==> flow/design.v <==
module shifter_stage #(
    parameter DATA_W = 14,
    parameter LG = $clog2(DATA_W)
) (
    input wire clk,
    input wire rst_i,
    input wire [DATA_W-1:0] din,
    input wire [LG-1:0] sh,
    output reg [DATA_W-1:0] res
);
    wire [2*DATA_W-1:0] cur;
    assign cur = {din, din} >> sh;
    always @(posedge clk) begin
        if (rst_i) begin
            res <= 0;
        end else begin
            res <= cur[DATA_W-1:0];
        end
    end
endmodule
From RTL to reports: shifter_stage. What the tools print for shifter_stage, step after step. Line numbers count from 1 in the design file above. Operators carry their Yosys type and port widths (W data, S select, Z words). The mark n/a stands for no value.

Top: shifter_stage. Clock: clk. Standard-cell library: sky130hd. Library corner: tt_025C_1v80.

Elaborated design. Source: Yosys, flattened and elaborated, memories not mapped. Widths are those after wreduce; folded enables and synchronous resets count as part of the registers. Registers that Yosys merges into a memory's read port (data or address) are not register bits. Print and check cells do not count. Equal cells are merged and count once.

The figure for equality and inequality tests is 0. Mux-type cells: 0. The entry for bitwise logic cells reads 0. The figure for divide/modulo/power cells is 0. For magnitude comparators the number is 0. For $add $sub $neg the number is 0. Under shift-type cells stands 1. The entry for multipliers reads 0. For reduce/logical cells the number is 0.

Operator list (count): $shr A28 B4 Y14 (1).

The entry for memories kept reads 0. The entry for clocked read ports x word width reads 0. Under bits of input ports stands 20. Under ROM bits stands 0. For register bits the number is 14. The entry for memory bits (writable) reads 0. The entry for bits in latches reads 0.

Depth. Depth = most cells in a row (Yosys ltp): at word level without a register or memory, in the mapped netlist without a sequential cell, where the memories' decode and read muxes count.

The figure for depth after elaboration is 1. Under ABC_AREA stands 0. For gate-level depth with buffers the number is 5. For depth with buffers taken out the number is 3.

Netlist. The flow's flattened synthesis, as Yosys stat reports it; memories are mapped. The netlist is that of the ABC_AREA named above (0 if unset); the other value can give another one. The area totals of this step are shown rounded.

Cells by type: sky130_fd_sc_hd__mux4_1 (count 12, total area 315.302 um^2); sky130_fd_sc_hd__dfxtp_1 (count 14, total area 280.269 um^2); sky130_fd_sc_hd__mux2i_1 (count 14, total area 140.134 um^2); sky130_fd_sc_hd__o22ai_1 (count 12, total area 75.072 um^2); sky130_fd_sc_hd__mux4_2 (count 2, total area 45.043 um^2); sky130_fd_sc_hd__buf_4 (count 2, total area 15.014 um^2); sky130_fd_sc_hd__buf_8 (count 1, total area 15.014 um^2); sky130_fd_sc_hd__buf_6 (count 1, total area 11.261 um^2); sky130_fd_sc_hd__clkbuf_1 (count 3, total area 11.261 um^2); sky130_fd_sc_hd__o211a_1 (count 1, total area 10.01 um^2); sky130_fd_sc_hd__o32ai_1 (count 1, total area 8.758 um^2); sky130_fd_sc_hd__a22oi_1 (count 1, total area 7.507 um^2); sky130_fd_sc_hd__nand3b_1 (count 1, total area 7.507 um^2); sky130_fd_sc_hd__nor3b_1 (count 1, total area 7.507 um^2); sky130_fd_sc_hd__nand2b_1 (count 1, total area 6.256 um^2); sky130_fd_sc_hd__or2_2 (count 1, total area 6.256 um^2); sky130_fd_sc_hd__buf_2 (count 1, total area 5.005 um^2); sky130_fd_sc_hd__nor3_1 (count 1, total area 5.005 um^2).

Other cell types: 2; their cells: 2.

The entry for flip-flop cells reads 14. The figure for chip area (Yosys) is 0.0009809 mm^2. For standard cells after synthesis the number is 72.

Timing after synthesis. Source: OpenSTA report_checks on the synthesized netlist (no wires, ideal clock, input and output delay 20% of the period each), path of least setup slack; recovery checks are left aside. Register names are those of the netlist, which keeps one name where synthesis merged equal registers.

Path type: input to register. Start: input sh[2]. End: register res[6]. The figure for driving pins on the path is 4. The figure for external input delay is 0.364 ns. Delay of the path: 1.164 ns. The entry for buffers on the path reads 1. Path slack: 0.293 ns. For period the number is 1.82 ns. The entry for arrival time reads 1.394 ns. Under synthesis period reached stands 1.527 ns.

"delay of the path" = arrival - input delay + setup time. "driving pins on the path": output pins that drive a net of the path, with the launching flip-flop's if there is one; two outputs of one cell count as two. "synthesis period reached" = period - worst setup slack (recovery checks aside). The figure is calculated, with input and output delays left at 20% of the set period. Between the ends stands the longest chain of elaborated cells between them, by number of cells; it is not shown to be the way that was timed. Of several equally long chains one is given. Each line given opens the expression or statement behind the cell; cells for indexed reads and writes are added by Yosys, which also makes memories of some case tables.

Path through: sky130_fd_sc_hd__buf_2 > sky130_fd_sc_hd__mux4_1 > sky130_fd_sc_hd__mux2i_1 > sky130_fd_sc_hd__o22ai_1. Length of the longest elaborated chain: 1. Under elaborated cells on any way between the ends stands 1. RTL lines with such cells: 1. Classes of those cells: shift (1).

RTL lines, path post-synthesis: start: declaration (RTL line 8) `input wire [LG-1:0] sh,`; $shr A28 B4 Y14 (RTL line 12) `assign cur = {din, din} >> sh;`; end: assignment (RTL line 15) `res <= 0;`; end: assignment (RTL line 17) `res <= cur[DATA_W-1:0];`; end: declaration (RTL line 9) `output reg [DATA_W-1:0] res`.

Timing after layout. Path of least setup slack in the final report of run A (OpenROAD, finished layout, wires in). Where an end is a register, its clock arrival counts in the times.

Path type: input to register. Start: input sh[2]. End: register res[5]. For period the number is 2.26 ns. The entry for buffers on the path reads 2. The entry for arrival time reads 1.70 ns. Path slack: 0.68 ns. The figure for driving pins on the path is 5. The figure for external input delay is 0.45 ns.

Between the ends stands the longest chain of elaborated cells between them, by number of cells; it is not shown to be the way that was timed. Of several equally long chains one is given.

Path through: sky130_fd_sc_hd__dlygate4sd2_1 > sky130_fd_sc_hd__buf_6 > sky130_fd_sc_hd__mux4_2 > sky130_fd_sc_hd__mux2i_2 > sky130_fd_sc_hd__o22ai_1. Length of the longest elaborated chain: 1. Under elaborated cells on any way between the ends stands 1. RTL lines with such cells: 1. Classes of those cells: shift (1).

RTL lines, path after layout: start: declaration (RTL line 8) `input wire [LG-1:0] sh,`; $shr A28 B4 Y14 (RTL line 12) `assign cur = {din, din} >> sh;`; end: assignment (RTL line 15) `res <= 0;`; end: assignment (RTL line 17) `res <= cur[DATA_W-1:0];`; end: declaration (RTL line 9) `output reg [DATA_W-1:0] res`.

FLOW RESULTS
============

Measured data: module shifter_stage, platform sky130hd, 3 stored runs of the flow under differing settings, order arbitrary. Input and output delays are each 20% of the period that was set; the output load is 0.01 pF. By "clock period achieved" is meant the clock period of the run minus its worst setup slack. This is arithmetic on one report: input and output delays are still those of the set period (20% each). "worst setup path time" is the time allowed to the run's worst setup path (the clock period less input and output delay, where it has them) less its slack. Clock arrival times count: a late capture clock shortens it, a late launch clock lengthens it. "overall power": no workload was simulated; the value follows from the tool's default switching activity. Measured values are rounded.

Run A has these settings: period_ns 2.26; CORE_UTILIZATION 29; SETUP_SLACK_MARGIN 0.62; PLACE_DENSITY_LB_ADDON 0.02; CORE_MARGIN 10; CELL_PAD_IN_SITES_DETAIL_PLACEMENT 1; ABC_AREA 0; CAP_MARGIN 10; SLEW_MARGIN 0. The clock period achieved is 1.577 ns. The worst setup path time comes to 1.12 ns. Class of the worst setup path: input to register. The setup TNS comes to 0.000 ns. The measured total die area is 0.006109 mm^2. For the standard-cell area after routing the run shows 0.001488 mm^2. The Yosys chip area after synthesis is 0.0009809 mm^2. The utilization comes to 44.9 %. The overall power reads 0.7006 mW. For the worst hold slack in the final report the run shows 0.743 ns. The smallest setup slack stands at 0.683 ns.

Run B has these settings: period_ns 1.82; CAP_MARGIN 20; CORE_MARGIN 2; CORE_UTILIZATION 40; SLEW_MARGIN 20. The clock period achieved is 1.788 ns. The worst setup path time comes to 1.42 ns. Class of the worst setup path: input to register. The setup TNS comes to 0.000 ns. The measured total die area is 0.002864 mm^2. For the standard-cell area after routing the run shows 0.001396 mm^2. The Yosys chip area after synthesis is 0.0009809 mm^2. The utilization comes to 61.4 %. The overall power reads 0.8557 mW. For the worst hold slack in the final report the run shows 0.943 ns. The smallest setup slack stands at 0.032 ns.

Run C has these settings: period_ns 1.06; CORE_UTILIZATION 45; PLACE_DENSITY_LB_ADDON 0.09; CORE_ASPECT_RATIO 0.66; CELL_PAD_IN_SITES_DETAIL_PLACEMENT 0; ABC_AREA 1; MIN_ROUTING_LAYER met2; MAX_ROUTING_LAYER met5; CAP_MARGIN 20; CORE_MARGIN 2; SLEW_MARGIN 20. The clock period achieved is 1.054 ns. The worst setup path time comes to 0.84 ns. Class of the worst setup path: input to register. The setup TNS comes to 0.000 ns. The measured total die area is 0.00329 mm^2. For the standard-cell area after routing the run shows 0.001922 mm^2. The Yosys chip area after synthesis is 0.001277 mm^2. The utilization comes to 72.6 %. The overall power reads 1.765 mW. For the worst hold slack in the final report the run shows 0.595 ns. The smallest setup slack stands at 0.006 ns.
